==> flow/design.v <==
module gen_add_unit_p #(
    parameter int XLEN = 96
) (
    input logic ck,
    input logic step,
    input logic [XLEN-1:0] op_a,
    input logic [XLEN-1:0] op_b,
    input logic c0,
    output logic [XLEN-1:0] result,
    output logic carry_out
);
    logic [XLEN-1:0] op_a_s;
    logic [XLEN-1:0] op_b_s;
    logic c0_s;
    always_ff @(posedge ck) begin
        if (step) begin
            op_a_s <= op_a;
            op_b_s <= op_b;
            c0_s <= c0;
        end
    end
    logic [XLEN-1:0] t;
    logic c;
    always_comb begin
        c = c0_s;
        for (int k = 0; k < XLEN; k++) begin
            t[k] = op_a_s[k] ^ op_b_s[k] ^ c;
            c = (op_a_s[k] & op_b_s[k]) | (c & (op_a_s[k] | op_b_s[k]));
        end
    end
    always_ff @(posedge ck) begin
        if (step) begin
            result <= t;
            carry_out <= c;
        end
    end
endmodule
-- From RTL to reports: gen_add_unit_p
The steps from the RTL of gen_add_unit_p to its reports follow in flow order.
Line numbers count from 1 in the design file above.
Operators: Yosys type, input widths -> output width; for muxes data width and select width s.
Cell names lack the library's common part.
The mark -- stands for no value.
- top module: gen_add_unit_p
- clock input: ck
- standard-cell library: sky130hd
- corner: tt_025C_1v80

-- Word level
Counts by Yosys on the flattened word-level netlist (proc, flatten, opt, wreduce; memories kept). Register bits leave out memories and registers merged into their read ports (data or address); mux counts leave out enables and synchronous resets folded into registers. Print and check cells are left out. Cells with the same type and inputs are merged into one.
- bitwise gates (word level): 576
- operators with widths (kind ; number):
    $and 1x1->1 ; 192
    $or 1x1->1 ; 192
    $xor 1x1->1 ; 192
- flip-flop bits (word level): 290
- noted input bits: 195

-- Longest topological paths
Depth = most cells in a row (Yosys ltp): at word level without a register or memory, in the mapped netlist without a sequential cell, where the memories' decode and read muxes count.
- word-level depth at 193
- ABC_AREA: 0
- mapped depth at 100

-- Netlist
Source: synth_stat.txt of the flow (Yosys; design flattened, memories mapped). It holds for the ABC_AREA given above (unset counts as 0); a run with the other value may have another netlist.
- cell types (type ; number ; total area (sq um)):
    edfxtp_1 ; 290 ; 8.71E+03
    fa_1 ; 96 ; 1.92E+03
    inv_1 ; 10 ; 37.536
- area of sequential cells: 8708.4 sq um
- mapped area at 10667.7 sq um
- noted buffers: 0
- mapped cells: 396
- flip-flop cells: 290

-- Timing after synthesis
Path of least setup slack by OpenSTA after synthesis, without wires, with an ideal clock, recovery checks aside; 20% of the period is set as input and as output delay. Where synthesis merged equal registers, the netlist keeps one of their names.
- path type: flip-flop to flip-flop
- start: reg op_a_s[0]
- end: reg result[95]
- arrival time at 36.829 ns
- stages at 101
- noted required time: 46.071 ns
- noted path delay: 36.958 ns
- slack at 9.242 ns
- noted period: 46.2 ns
- synthesis period reached at 36.958 ns
"path delay" is the arrival time less input delay plus setup time.
"stages" counts driving pins, that of a launching flip-flop among them; a cell with two outputs on the path counts twice.
"synthesis period reached" is the clock period less the worst setup slack; recovery checks do not enter. This is arithmetic on one report: input and output delays are still those of the set period (20% each).
The rows between start and end are the longest chain of elaborated cells between them; the timing report does not say that the signal goes this way. Where chains are equally long, one stands for them.
Each line given opens the expression or statement behind the cell; cells for indexed reads and writes are added by Yosys, which also makes memories of some case tables.
- cells stage by stage: edfxtp_1 fa_1 fa_1 fa_1 fa_1 fa_1 fa_1 fa_1 fa_1 fa_1 fa_1 fa_1 fa_1 fa_1 fa_1 fa_1 fa_1 fa_1 [65 not listed] fa_1 fa_1 fa_1 fa_1 fa_1 fa_1 fa_1 fa_1 fa_1 fa_1 fa_1 inv_1 fa_1 inv_1 fa_1 inv_1 fa_1 inv_1
- cells in the longest elaborated chain: 192
- elaborated cells between the ends (all ways): 193
- noted RTL lines with such cells: 2
- those cells by class: logic (193)
- ends and longest elaborated chain, post-synthesis (what ; line ; text):
    start, declared ; 12 ; logic [XLEN-1:0] op_a_s;
    start, assigned ; 17 ; op_a_s <= op_a;
    $or 1x1->1 ; 28 ; c = (op_a_s[k] & op_b_s[k]) | (c & (op_a_s[k] | op_b_s[k]));
    $and 1x1->1 ; 28 ;
    $or 1x1->1 ; 28 ;
    $and 1x1->1 ; 28 ;
    $or 1x1->1 ; 28 ;
    $and 1x1->1 ; 28 ;
    $or 1x1->1 ; 28 ;
    [178 not listed] ; -- ;
    $and 1x1->1 ; 28 ;
    $or 1x1->1 ; 28 ;
    $and 1x1->1 ; 28 ;
    $or 1x1->1 ; 28 ;
    $and 1x1->1 ; 28 ;
    $or 1x1->1 ; 28 ;
    $xor 1x1->1 ; 27 ; t[k] = op_a_s[k] ^ op_b_s[k] ^ c;
    end, assigned ; 33 ; result <= t;
    end, declared ; 9 ; output logic [XLEN-1:0] result,

-- Worst path after layout
Path of least setup slack in the final report of record 1 (OpenROAD, finished layout, wires in). Where an end is a register, its clock arrival counts in the times.
- path type: flip-flop to flip-flop
- start: reg op_a_s[0]
- end: reg result[95]
- stages at 101
- noted required time: 25.40 ns
- arrival time at 36.04 ns
- noted period: 25.0 ns
- slack at -10.64 ns
The rows between start and end are the longest chain of elaborated cells between them; the timing report does not say that the signal goes this way. Where chains are equally long, one stands for them.
- cells stage by stage: edfxtp_1 fa_2 fa_2 fa_2 fa_2 fa_2 fa_2 fa_2 fa_2 fa_2 fa_2 fa_2 fa_2 fa_2 fa_2 fa_2 fa_2 fa_2 [65 not listed] fa_2 fa_2 fa_2 fa_2 fa_2 fa_2 fa_2 fa_2 fa_2 fa_2 fa_2 inv_2 fa_2 inv_2 fa_2 inv_2 fa_1 inv_1
- cells in the longest elaborated chain: 192
- elaborated cells between the ends (all ways): 193
- noted RTL lines with such cells: 2
- those cells by class: logic (193)
- ends and longest elaborated chain, post-layout (what ; line ; text):
    start, declared ; 12 ; logic [XLEN-1:0] op_a_s;
    start, assigned ; 17 ; op_a_s <= op_a;
    $or 1x1->1 ; 28 ; c = (op_a_s[k] & op_b_s[k]) | (c & (op_a_s[k] | op_b_s[k]));
    $and 1x1->1 ; 28 ;
    $or 1x1->1 ; 28 ;
    $and 1x1->1 ; 28 ;
    $or 1x1->1 ; 28 ;
    $and 1x1->1 ; 28 ;
    $or 1x1->1 ; 28 ;
    [178 not listed] ; -- ;
    $and 1x1->1 ; 28 ;
    $or 1x1->1 ; 28 ;
    $and 1x1->1 ; 28 ;
    $or 1x1->1 ; 28 ;
    $and 1x1->1 ; 28 ;
    $or 1x1->1 ; 28 ;
    $xor 1x1->1 ; 27 ; t[k] = op_a_s[k] ^ op_b_s[k] ^ c;
    end, assigned ; 33 ; result <= t;
    end, declared ; 9 ; output logic [XLEN-1:0] result,

==> runs of gen_add_unit_p <==
Below are 3 stored runs of the flow (Yosys, OpenROAD; platform sky130hd) on gen_add_unit_p, each with its settings and what was measured, unordered. Constraints: input delay and output delay 20% of the set period each, output load 0.01 pF.
"clock period achieved" means the clock period less the worst setup slack. The figure is calculated, with input and output delays left at 20% of the set period.

Record 1

==> flow/run.sh <==
#!/bin/bash
# the make line also repeats the synthesis and layout settings of config.mk as NAME=value (left out here)
make -C /OpenROAD-flow-scripts/flow DESIGN_CONFIG=/design/flow/config.mk WORK_HOME=/design/flow/orfs CLKGATE_MAP_FILE= finish
==> flow/config.mk <==
export PLATFORM = sky130hd
export DESIGN_NAME = gen_add_unit_p
export DESIGN_NICKNAME = gen_add_unit_p
export VERILOG_FILES = /design/flow/design.v
export SDC_FILE = /design/flow/constraint.sdc
export NUM_CORES = 4
export LEC_CHECK = 0
export ABC_AREA = 0
export CAP_MARGIN = 20
export CORE_ASPECT_RATIO = 1.99
export CORE_MARGIN = 2
export CORE_UTILIZATION = 64
export PLACE_DENSITY_LB_ADDON = 0.1
export SETUP_SLACK_MARGIN = 0.5
export SLEW_MARGIN = 20
==> flow/constraint.sdc <==
create_clock -name core_clock -period 25.0 [get_ports {ck}]
set_input_delay 5.0000 -clock core_clock [delete_from_list [all_inputs] [get_ports {ck}]]
set_output_delay 5.0000 -clock core_clock [all_outputs]
set_load 0.01 [all_outputs]

Measured in record 1:
- netlist area reported by Yosys: 10667.7 sq um
- die size at 17778.7 sq um
- standard-cell area after layout at 14931.8 sq um
- noted the utilization of the finished layout: 0.913
- lowest setup slack: -10.643 ns
- final setup TNS: -174.616 ns
- noted the lowest hold slack: 0.654 ns
- clock period achieved at 35.643 ns

Record 2

==> flow/run.sh <==
#!/bin/bash
# the make line also repeats the synthesis and layout settings of config.mk as NAME=value (left out here)
make -C /OpenROAD-flow-scripts/flow DESIGN_CONFIG=/design/flow/config.mk WORK_HOME=/design/flow/orfs CLKGATE_MAP_FILE= finish
==> flow/config.mk <==
export PLATFORM = sky130hd
export DESIGN_NAME = gen_add_unit_p
export DESIGN_NICKNAME = gen_add_unit_p
export VERILOG_FILES = /design/flow/design.v
export SDC_FILE = /design/flow/constraint.sdc
export NUM_CORES = 4
export LEC_CHECK = 0
export CAP_MARGIN = 20
export CORE_MARGIN = 2
export CORE_UTILIZATION = 40
export SLEW_MARGIN = 20
==> flow/constraint.sdc <==
create_clock -name core_clock -period 46.2 [get_ports {ck}]
set_input_delay 9.2400 -clock core_clock [delete_from_list [all_inputs] [get_ports {ck}]]
set_output_delay 9.2400 -clock core_clock [all_outputs]
set_load 0.01 [all_outputs]

Measured in record 2:
- netlist area reported by Yosys: 10667.7 sq um
- die size at 27991.0 sq um
- standard-cell area after layout at 14985.6 sq um
- noted the utilization of the finished layout: 0.573
- lowest setup slack: 7.631 ns
- final setup TNS: 0.000 ns
- noted the lowest hold slack: 0.605 ns
- clock period achieved at 38.569 ns

Record 3

==> flow/run.sh <==
#!/bin/bash
# the make line also repeats the synthesis and layout settings of config.mk as NAME=value (left out here)
make -C /OpenROAD-flow-scripts/flow DESIGN_CONFIG=/design/flow/config.mk WORK_HOME=/design/flow/orfs CLKGATE_MAP_FILE= finish
==> flow/config.mk <==
export PLATFORM = sky130hd
export DESIGN_NAME = gen_add_unit_p
export DESIGN_NICKNAME = gen_add_unit_p
export VERILOG_FILES = /design/flow/design.v
export SDC_FILE = /design/flow/constraint.sdc
export NUM_CORES = 4
export LEC_CHECK = 0
export CAP_MARGIN = 20
export CELL_PAD_IN_SITES_GLOBAL_PLACEMENT = 3
export CORE_MARGIN = 2
export CORE_UTILIZATION = 24
export CTS_CLUSTER_SIZE = 65
export GPL_ROUTABILITY_DRIVEN = 1
export MAX_ROUTING_LAYER = met5
export PLACE_DENSITY = 0.92
export SLEW_MARGIN = 20
==> flow/constraint.sdc <==
create_clock -name core_clock -period 31.5 [get_ports {ck}]
set_input_delay 6.3000 -clock core_clock [delete_from_list [all_inputs] [get_ports {ck}]]
set_output_delay 6.3000 -clock core_clock [all_outputs]
set_load 0.01 [all_outputs]

Measured in record 3:
- netlist area reported by Yosys: 10667.7 sq um
- die size at 46151.9 sq um
- standard-cell area after layout at 15673.8 sq um
- noted the utilization of the finished layout: 0.356
- lowest setup slack: -3.061 ns
- final setup TNS: -18.937 ns
- noted the lowest hold slack: 0.648 ns
- clock period achieved at 34.561 ns
